==> flow/design.v <==
module u_barrel #(
  parameter DWIDTH = 28,
  parameter LOGN = $clog2(DWIDTH)
) (
  input  wire ck,
  input  wire RST,
  input  wire enable,
  input  wire [DWIDTH-1:0] ch,
  input  wire [LOGN-1:0] sh,
  output reg [DWIDTH-1:0] y
);
  always @(posedge ck) begin
    if (RST) begin
      y <= 0;
    end else if (enable) begin
      y <= ch >> sh;
    end
  end
endmodule
# Reports on u_barrel
# What the tools print for u_barrel, step after step.
# Line numbers count from 1 in the design file above.
# Operators carry their Yosys type and port widths (W data, S select, Z words).
# Library cell names are shortened.
# A cell with -- has no value.
# inputs
top,u_barrel
clk_port,ck
library,sky130hd
lib_corner,tt_025C_1v80

# Elaborated design
# Counts by Yosys on the flattened word-level netlist (proc, flatten, opt, wreduce; memories kept). Register bits leave out memories and registers merged into their read ports (data or address); mux counts leave out enables and synchronous resets folded into registers. Print and check cells are left out. Cells with the same type and inputs are merged into one.
# op_classes
shifts,1
# ops
operator,count
$shr A28 B5 Y28,1
# word_totals
ff_bits,28
in_bits,36
out_inout_bits,28
word_cells,2

# Logic depth
# Depth = most cells in a row (Yosys ltp): at word level without a register or memory, in the mapped netlist without a sequential cell, where the memories' decode and read muxes count.
# depth
ltp_word,1
abc_area,1
mapped_depth,13
mapped_depth_nobuf,11

# Synthesis result
# Yosys stat after the flow's synthesis: flattened, memories mapped to cells. It holds for the ABC_AREA given above (unset counts as 0); a run with the other value may have another netlist.
# types
type,count,area_total_um2
nand3_1,142,710.682
dfxtp_1,28,560.538
nand2_1,106,397.882
a21oi_1,23,115.11
buf_2,13,65.062
buf_6,5,56.304
o211ai_1,6,45.043
inv_1,10,37.536
nand4_1,5,31.28
o21ai_0,6,30.029
nor2_1,7,26.275
a31oi_1,4,25.024
buf_4,3,22.522
clkbuf_1,6,22.522
nand3_2,2,20.019
nand2_2,3,18.768
clkbuf_4,2,15.014
clkbuf_8,1,13.763
# Other cell types: 10; their cells: 12.
# synth_totals
cell_count,384
mapped_area_um2,2293.4
seqArea_um2,560.5
flip_flops,28
buffers,30

# Path before layout
# OpenSTA on the mapped netlist: ideal clock, no wires. The path of least setup slack (recovery checks aside). Input and output delay are each 20% of the period. Register names are those of the netlist, which keeps one name where synthesis merged equal registers.
# synth_path
kind,input-to-reg
startpoint,input sh[1]
endpoint,register y[0]
period_ps,2240
input_delay_ps,448
setup_ps,109
t_first_pin_ps,448
t_arrival_ps,1327
required_ps,2131
setup_slack_ps,804
path_delay_ps,988
driving_pins,11
n_path_buf,2
period_less_setup_slack_ps,1436
# "path_delay_ps" = arrival - input delay + setup time.
# "driving_pins": output pins that drive a net of the path, with the launching flip-flop's if there is one; two outputs of one cell count as two.
# "period_less_setup_slack_ps" = period - worst setup slack (recovery checks aside). The figure is calculated, with input and output delays left at 20% of the set period.
# Between the ends stands the longest chain of elaborated cells between them, by number of cells; it is not shown to be the way that was timed. Of several equally long chains one is given.
# A line is the first line of the expression or statement that the cell stems from. Yosys adds cells for indexed reads and writes and turns some case tables into memories.
# synth_between
path_cell_list,buf_6 -> inv_2 -> buf_2 -> nand3_1 -> and2_4 -> nand2_1 -> nand2_1 -> nand3_1 -> nand3_1 -> nand2_1 -> inv_1
elab_chain_cells,1
cells_between,1
cone_lines,1
cone_classes,shift (1)
# synth_rtl
item,line,text
start: declaration,9,"input  wire [LOGN-1:0] sh,"
$shr A28 B5 Y28,16,y <= ch >> sh;
end: assignment,14,y <= 0;
end: assignment,16,
end: declaration,10,output reg [DWIDTH-1:0] y

# Worst path after layout
# From the final timing report of run 1: the path of least setup slack in the routed layout; clock arrival at registers is part of the times.
# The path's times are printed in steps of 10 ps; the period is the one set.
# layout_path
kind,input-to-reg
startpoint,input sh[1]
endpoint,register y[10]
period_ps,1300
input_delay_ps,260
setup_ps,120
t_first_pin_ps,260
t_arrival_ps,1390
required_ps,1450
setup_slack_ps,50
driving_pins,7
n_path_buf,2
# Between the ends stands the longest chain of elaborated cells between them, by number of cells; it is not shown to be the way that was timed. Of several equally long chains one is given.
# layout_between
path_cell_list,buf_6 -> clkbuf_4 -> nand3_1 -> nand3_4 -> nand2_2 -> o211ai_1 -> a21oi_1
elab_chain_cells,1
cells_between,1
cone_lines,1
cone_classes,shift (1)
# layout_rtl
item,line,text
start: declaration,9,"input  wire [LOGN-1:0] sh,"
$shr A28 B5 Y28,16,y <= ch >> sh;
end: assignment,14,y <= 0;
end: assignment,16,
end: declaration,10,output reg [DWIDTH-1:0] y

# u_barrel through Yosys and OpenROAD on sky130hd: 3 stored runs, unordered, with their settings and measured results. The constraints put input and output delay at 20% of the set period each and load the outputs with 0.01 pF.
# By "achieved_clock_period_ps" is meant the clock period of the run minus its worst setup slack. This is arithmetic on one report: input and output delays are still those of the set period (20% each).
# By "worstPathTime_ps" is meant the share of the clock period that the worst setup path is allowed (20% is reserved at inputs, 20% at outputs), minus its slack. Clock arrival times at its registers enter into it.
# "power_total_mw": no workload was simulated; the value follows from the tool's default switching activity.
# "worstPathTime_ps" is known to 10 ps.
# A setting shown as . is not set for that run.
run,period_ns,CORE_UTILIZATION,SETUP_SLACK_MARGIN,PLACE_DENSITY_LB_ADDON,CORE_ASPECT_RATIO,ABC_AREA,GPL_TIMING_DRIVEN,CTS_CLUSTER_SIZE,CTS_CLUSTER_DIAMETER,MIN_ROUTING_LAYER,CAP_MARGIN,CORE_MARGIN,SLEW_MARGIN,GPL_ROUTABILITY_DRIVEN,synth_chip_area_um2,total_die_area_um2,stdcell_area_um2,final_util_frac,worst_setup_slack_ps,fin_tns_ps,worst_hold_slack_ps,power_total_mw,achieved_clock_period_ps,worstPathTime_ps,worst_setup_path_type
run 1,1.3,24,0.01,0.13,1.48,1,0,21,242,met2,20,2,20,.,2293.4,10369.3,3716.1,0.397,55,0,413,2.708,1245,990,input-to-reg
run 2,2.24,40,.,.,.,.,.,.,.,.,20,2,20,.,2484.9,6858.3,3548.4,0.596,202,0,472,1.490,2038,1590,input-to-reg
run 3,1.45,40,-0.12,0.08,.,.,.,20,159,.,0,2,40,0,2484.9,6858.3,3893.7,0.654,-146,-1390,476,2.344,1596,1310,input-to-reg
